==> flow/design.v <==
module gen_order_rtl #(
    parameter XLEN = 4,
    parameter LANES = 7
) (
    input logic CLK,
    input logic srst,
    input logic [LANES*XLEN-1:0] i_ch,
    output logic [XLEN-1:0] o_high
);
    logic [LANES*XLEN-1:0] ch_reg;
    always_ff @(posedge CLK or posedge srst) begin
        if (srst) begin
            ch_reg <= '0;
        end else begin
            ch_reg <= i_ch;
        end
    end
    logic [XLEN-1:0] val;
    always_comb begin
        val = ch_reg[XLEN-1:0];
        for (int idx = 1; idx < LANES; idx++)
            if (ch_reg[idx*XLEN +: XLEN] > val) val = ch_reg[idx*XLEN +: XLEN];
    end
    always_ff @(posedge CLK or posedge srst) begin
        if (srst) begin
            o_high <= '0;
        end else begin
            o_high <= val;
        end
    end
endmodule
Lab notebook: gen_order_rtl

From RTL to reports: gen_order_rtl
Module gen_order_rtl in several versions that differ in "XLEN"; each step lists the members.
The file above is the member XLEN=4. Line numbers count from 1 in each member's own file.
Operators: Yosys type, input widths -> output width; for muxes data width and select width s.
Cell names lack the library's common part.
{"block": "inputs", "design": "gen_order_rtl", "clk_port": "CLK", "cell_library": "sky130hd", "pvt_corner": "tt_025C_1v80"}

Source of the members
Lines of each other member's file that are new or changed against the file above; lines that a member lacks are not shown.
{"block": "changed_lines", "XLEN": 8, "line": 2, "source": "parameter XLEN = 8,"}
{"block": "changed_lines", "XLEN": 12, "line": 2, "source": "parameter XLEN = 12,"}
{"block": "changed_lines", "XLEN": 20, "line": 2, "source": "parameter XLEN = 20,"}
{"block": "changed_lines", "XLEN": 40, "line": 2, "source": "parameter XLEN = 40,"}

Elaborated design
Counts by Yosys on the flattened word-level netlist (proc, flatten, opt, wreduce; memories kept). Register bits leave out memories and registers merged into their read ports (data or address); mux counts leave out enables and synchronous resets folded into registers. Print and check cells are left out. Cells with the same type and inputs are merged into one.
{"block": "op_classes", "XLEN": 4, "n_cmp": 6, "mux": 6}
{"block": "op_classes", "XLEN": 8, "n_cmp": 6, "mux": 6}
{"block": "op_classes", "XLEN": 12, "n_cmp": 6, "mux": 6}
{"block": "op_classes", "XLEN": 20, "n_cmp": 6, "mux": 6}
{"block": "op_classes", "XLEN": 40, "n_cmp": 6, "mux": 6}
{"block": "ops", "XLEN": 4, "operators": "6 x $gt 4x4->1; 6 x $mux 4"}
{"block": "ops", "XLEN": 8, "operators": "6 x $gt 8x8->1; 6 x $mux 8"}
{"block": "ops", "XLEN": 12, "operators": "6 x $gt 12x12->1; 6 x $mux 12"}
{"block": "ops", "XLEN": 20, "operators": "6 x $gt 20x20->1; 6 x $mux 20"}
{"block": "ops", "XLEN": 40, "operators": "6 x $gt 40x40->1; 6 x $mux 40"}
{"block": "bits", "XLEN": 4, "ff_bits": 32}
{"block": "bits", "XLEN": 8, "ff_bits": 64}
{"block": "bits", "XLEN": 12, "ff_bits": 96}
{"block": "bits", "XLEN": 20, "ff_bits": 160}
{"block": "bits", "XLEN": 40, "ff_bits": 320}

Depth
Longest topological path by Yosys (ltp), each cell counted once; first at word level (registers and memories cut), then after technology mapping (sequential cells cut; the memories' decode and read muxes count).
{"block": "depth", "XLEN": 4, "ltp_word": 12, "ABC_AREA": 0, "mapped_depth": 47}
{"block": "depth", "XLEN": 8, "ltp_word": 12, "ABC_AREA": 0, "mapped_depth": 60}
{"block": "depth", "XLEN": 12, "ltp_word": 12, "ABC_AREA": 0, "mapped_depth": 70}
{"block": "depth", "XLEN": 20, "ltp_word": 12, "ABC_AREA": 0, "mapped_depth": 85}
{"block": "depth", "XLEN": 40, "ltp_word": 12, "ABC_AREA": 0, "mapped_depth": 92}

After synthesis
Yosys stat after the flow's synthesis: flattened, memories mapped to cells. It holds for the ABC_AREA given above (unset counts as 0); a run with the other value may have another netlist.
Totals and module areas in this step are rounded.
{"block": "by_type", "XLEN": 4, "cell_types": "32 x dfrtp_1; 18 x ha_1; 19 x inv_1; 12 x a21oi_1; 12 x o21ai_0; 15 x nor2_1; 3 x mux2_2; 9 x nand2_1; 3 x mux2i_1; 4 x o21a_1; 3 x o2111ai_1; 4 x nand2b_1; 3 x o31ai_1; 2 x a21bo_2; 2 x a41o_1; 4 x nor3_1; 3 x a31oi_1; 3 x or3_1; [+37]"}
{"block": "by_type", "XLEN": 8, "cell_types": "64 x dfrtp_1; 41 x ha_1; 13 x mux2i_1; 31 x inv_1; 29 x nor2_1; 9 x mux2_2; 19 x a21oi_1; 16 x o21ai_0; 19 x nand2_1; 8 x a31oi_1; 6 x a21o_1; 7 x or2_2; 6 x and2_1; 6 x nand2b_1; 3 x o211ai_2; 5 x o21a_1; 2 x mux2_4; 1 x o41ai_4; [+55]"}
{"block": "by_type", "XLEN": 12, "cell_types": "96 x dfrtp_1; 65 x ha_1; 43 x a21oi_1; 53 x nor2_1; 52 x inv_1; 25 x nand4_1; 30 x o21ai_0; 11 x o31ai_2; 11 x mux2_2; 31 x nand2_1; 10 x a21o_1; 12 x a31oi_1; 12 x and2_1; 12 x nand2b_1; 12 x nor2b_1; 7 x o21a_1; 12 x clkbuf_1; 9 x nand3_1; [+94]"}
{"block": "by_type", "XLEN": 20, "cell_types": "160 x dfrtp_1; 114 x ha_1; 77 x o21ai_0; 72 x a21oi_1; 84 x inv_1; 82 x nand2_1; 23 x mux2i_1; 19 x mux2_2; 24 x a21o_1; 10 x a221oi_2; 18 x o211ai_1; 19 x nand4_1; 20 x nor3_1; 9 x a221oi_1; 21 x clkbuf_1; 12 x nand2b_1; 20 x nor2_1; 12 x nor2b_1; [+108]"}
{"block": "by_type", "XLEN": 40, "cell_types": "320 x dfrtp_1; 234 x ha_1; 79 x mux2_2; 78 x mux2i_1; 207 x inv_1; 141 x a21oi_1; 119 x nor2_1; 56 x nand4_1; 46 x a21o_1; 41 x o21ai_0; 21 x nor2b_1; 25 x clkbuf_1; 25 x nand2_1; 18 x nand3_1; 12 x o21a_1; 14 x nand2b_1; 16 x nor3_1; 12 x nor4_1; [+105]"}
The mark [+n] counts cells that are not listed.
{"block": "mapped", "XLEN": 4, "cell_count": 188, "area_um2": 1900, "flip_flops": 32}
{"block": "mapped", "XLEN": 8, "cell_count": 340, "area_um2": 3600, "flip_flops": 64}
{"block": "mapped", "XLEN": 12, "cell_count": 597, "area_um2": 5820, "flip_flops": 96}
{"block": "mapped", "XLEN": 20, "cell_count": 904, "area_um2": 9200, "flip_flops": 160}
{"block": "mapped", "XLEN": 40, "cell_count": 1569, "area_um2": 17100, "flip_flops": 320}

Timing after synthesis
Source: OpenSTA report_checks on the synthesized netlist (no wires, ideal clock, input and output delay 20% of the period each), path of least setup slack; recovery checks are left aside. Register names are those of the netlist, which keeps one name where synthesis merged equal registers.
{"block": "synth_path", "XLEN": 4, "kind": "flip-flop to flip-flop", "startpoint": "reg ch_reg[5]", "endpoint": "reg o_high[2]", "period_ns": 9.9, "setup_slack_ns": 1.980, "stages": 41, "path_delay_ns": 7.920, "synth_period_reached_ns": 7.92}
{"block": "synth_path", "XLEN": 8, "kind": "flip-flop to flip-flop", "startpoint": "reg ch_reg[1]", "endpoint": "reg o_high[5]", "period_ns": 13.2, "setup_slack_ns": 2.665, "stages": 61, "path_delay_ns": 10.535, "synth_period_reached_ns": 10.535}
{"block": "synth_path", "XLEN": 12, "kind": "flip-flop to flip-flop", "startpoint": "reg ch_reg[17]", "endpoint": "reg o_high[10]", "period_ns": 15.4, "setup_slack_ns": 3.055, "stages": 67, "path_delay_ns": 12.345, "synth_period_reached_ns": 12.345}
{"block": "synth_path", "XLEN": 20, "kind": "flip-flop to flip-flop", "startpoint": "reg ch_reg[18]", "endpoint": "reg o_high[10]", "period_ns": 18.3, "setup_slack_ns": 3.654, "stages": 73, "path_delay_ns": 14.646, "synth_period_reached_ns": 14.646}
{"block": "synth_path", "XLEN": 40, "kind": "flip-flop to flip-flop", "startpoint": "reg ch_reg[65]", "endpoint": "reg o_high[10]", "period_ns": 22.4, "setup_slack_ns": 4.444, "stages": 89, "path_delay_ns": 17.957, "synth_period_reached_ns": 17.956}
"path_delay_ns" is the arrival time less input delay plus setup time.
"stages": output pins that drive a net of the path, with the launching flip-flop's if there is one; two outputs of one cell count as two.
"synth_period_reached_ns" = period - worst setup slack (recovery checks aside). The figure is calculated, with input and output delays left at 20% of the set period.
The rows between start and end are the longest chain of elaborated cells between them; the timing report does not say that the signal goes this way. Where chains are equally long, one stands for them.
A line is the first line of the expression or statement that the cell stems from. Yosys adds cells for indexed reads and writes and turns some case tables into memories.
{"block": "synth_between_XLEN_4", "elab_chain_len": 12}
{"block": "synth_lines_XLEN_4", "item": "from (decl)", "line": 10, "source": "logic [LANES*XLEN-1:0] ch_reg;"}
{"block": "synth_lines_XLEN_4", "item": "from (assign)", "line": 13, "source": "ch_reg <= '0;"}
{"block": "synth_lines_XLEN_4", "item": "from (assign)", "line": 15, "source": "ch_reg <= i_ch;"}
{"block": "synth_lines_XLEN_4", "item": "$gt 4x4->1", "line": 22, "source": "if (ch_reg[idx*XLEN +: XLEN] > val) val = ch_reg[idx*XLEN +: XLEN];"}
{"block": "synth_lines_XLEN_4", "item": "$mux 4", "line": 22}
{"block": "synth_lines_XLEN_4", "item": "$gt 4x4->1", "line": 22}
{"block": "synth_lines_XLEN_4", "item": "$mux 4", "line": 22}
{"block": "synth_lines_XLEN_4", "item": "$gt 4x4->1", "line": 22}
{"block": "synth_lines_XLEN_4", "item": "$mux 4", "line": 22}
{"block": "synth_lines_XLEN_4", "item": "$gt 4x4->1", "line": 22}
{"block": "synth_lines_XLEN_4", "item": "$mux 4", "line": 22}
{"block": "synth_lines_XLEN_4", "item": "$gt 4x4->1", "line": 22}
{"block": "synth_lines_XLEN_4", "item": "$mux 4", "line": 22}
{"block": "synth_lines_XLEN_4", "item": "$gt 4x4->1", "line": 22}
{"block": "synth_lines_XLEN_4", "item": "$mux 4", "line": 22}
{"block": "synth_lines_XLEN_4", "item": "to (assign)", "line": 26, "source": "o_high <= '0;"}
{"block": "synth_lines_XLEN_4", "item": "to (assign)", "line": 28, "source": "o_high <= val;"}
{"block": "synth_lines_XLEN_4", "item": "to (decl)", "line": 8, "source": "output logic [XLEN-1:0] o_high"}
{"block": "synth_between_XLEN_40", "elab_chain_len": 12}
{"block": "synth_lines_XLEN_40", "item": "from (decl)", "line": 10, "source": "logic [LANES*XLEN-1:0] ch_reg;"}
{"block": "synth_lines_XLEN_40", "item": "from (assign)", "line": 13, "source": "ch_reg <= '0;"}
{"block": "synth_lines_XLEN_40", "item": "from (assign)", "line": 15, "source": "ch_reg <= i_ch;"}
{"block": "synth_lines_XLEN_40", "item": "$gt 40x40->1", "line": 22, "source": "if (ch_reg[idx*XLEN +: XLEN] > val) val = ch_reg[idx*XLEN +: XLEN];"}
{"block": "synth_lines_XLEN_40", "item": "$mux 40", "line": 22}
{"block": "synth_lines_XLEN_40", "item": "$gt 40x40->1", "line": 22}
{"block": "synth_lines_XLEN_40", "item": "$mux 40", "line": 22}
{"block": "synth_lines_XLEN_40", "item": "$gt 40x40->1", "line": 22}
{"block": "synth_lines_XLEN_40", "item": "$mux 40", "line": 22}
{"block": "synth_lines_XLEN_40", "item": "$gt 40x40->1", "line": 22}
{"block": "synth_lines_XLEN_40", "item": "$mux 40", "line": 22}
{"block": "synth_lines_XLEN_40", "item": "$gt 40x40->1", "line": 22}
{"block": "synth_lines_XLEN_40", "item": "$mux 40", "line": 22}
{"block": "synth_lines_XLEN_40", "item": "$gt 40x40->1", "line": 22}
{"block": "synth_lines_XLEN_40", "item": "$mux 40", "line": 22}
{"block": "synth_lines_XLEN_40", "item": "to (assign)", "line": 26, "source": "o_high <= '0;"}
{"block": "synth_lines_XLEN_40", "item": "to (assign)", "line": 28, "source": "o_high <= val;"}
{"block": "synth_lines_XLEN_40", "item": "to (decl)", "line": 8, "source": "output logic [XLEN-1:0] o_high"}

Path in the finished layout
Path of least setup slack in the final report of the run of each member (OpenROAD, finished layout, wires in). Where an end is a register, its clock arrival counts in the times.
{"block": "layout_path", "XLEN": 4, "kind": "flip-flop to flip-flop", "startpoint": "reg ch_reg[5]", "endpoint": "reg o_high[2]", "period_ns": 9.9, "setup_slack_ns": 0.84, "stages": 42, "arrival_time_ns": 9.25}
{"block": "layout_path", "XLEN": 8, "kind": "flip-flop to flip-flop", "startpoint": "reg ch_reg[1]", "endpoint": "reg o_high[0]", "period_ns": 13.2, "setup_slack_ns": 1.29, "stages": 57, "arrival_time_ns": 12.14}
{"block": "layout_path", "XLEN": 12, "kind": "flip-flop to flip-flop", "startpoint": "reg ch_reg[6]", "endpoint": "reg o_high[6]", "period_ns": 15.4, "setup_slack_ns": 1.41, "stages": 59, "arrival_time_ns": 14.24}
{"block": "layout_path", "XLEN": 20, "kind": "flip-flop to flip-flop", "startpoint": "reg ch_reg[35]", "endpoint": "reg o_high[18]", "period_ns": 18.3, "setup_slack_ns": 1.75, "stages": 65, "arrival_time_ns": 16.86}
{"block": "layout_path", "XLEN": 40, "kind": "flip-flop to flip-flop", "startpoint": "reg ch_reg[75]", "endpoint": "reg o_high[0]", "period_ns": 22.4, "setup_slack_ns": 1.94, "stages": 81, "arrival_time_ns": 20.88}

Flow runs
Settings and results of one run of the flow (Yosys, OpenROAD) for each member follow. The constraints put input and output delay at 20% of the set period each and load the outputs with 0.01 pF.
{"block": "settings", "CAP_MARGIN": 20, "CORE_MARGIN": 2, "CORE_UTILIZATION": 40, "SLEW_MARGIN": 20}
{"block": "settings_by_member", "XLEN": 4, "period_ns": 9.9}
{"block": "settings_by_member", "XLEN": 8, "period_ns": 13.2}
{"block": "settings_by_member", "XLEN": 12, "period_ns": 15.4}
{"block": "settings_by_member", "XLEN": 20, "period_ns": 18.3}
{"block": "settings_by_member", "XLEN": 40, "period_ns": 22.4}
{"block": "results", "XLEN": 4, "synth_chip_area_um2": 1900, "final_die_area_um2": 5320, "post_route_stdcell_area_um2": 2400, "final_util_pct": 51.5, "worstSetupSlack_ns": 0.836, "hold_worst_slack_ns": 0.498}
{"block": "results", "XLEN": 8, "synth_chip_area_um2": 3600, "final_die_area_um2": 9770, "post_route_stdcell_area_um2": 4630, "final_util_pct": 53.1, "worstSetupSlack_ns": 1.29, "hold_worst_slack_ns": 0.525}
{"block": "results", "XLEN": 12, "synth_chip_area_um2": 5820, "final_die_area_um2": 15500, "post_route_stdcell_area_um2": 7250, "final_util_pct": 50.5, "worstSetupSlack_ns": 1.41, "hold_worst_slack_ns": 0.512}
{"block": "results", "XLEN": 20, "synth_chip_area_um2": 9200, "final_die_area_um2": 24200, "post_route_stdcell_area_um2": 11700, "final_util_pct": 52.0, "worstSetupSlack_ns": 1.75, "hold_worst_slack_ns": 0.554}
{"block": "results", "XLEN": 40, "synth_chip_area_um2": 17100, "final_die_area_um2": 44300, "post_route_stdcell_area_um2": 22100, "final_util_pct": 52.6, "worstSetupSlack_ns": 1.94, "hold_worst_slack_ns": 0.506}
Measured values are rounded.
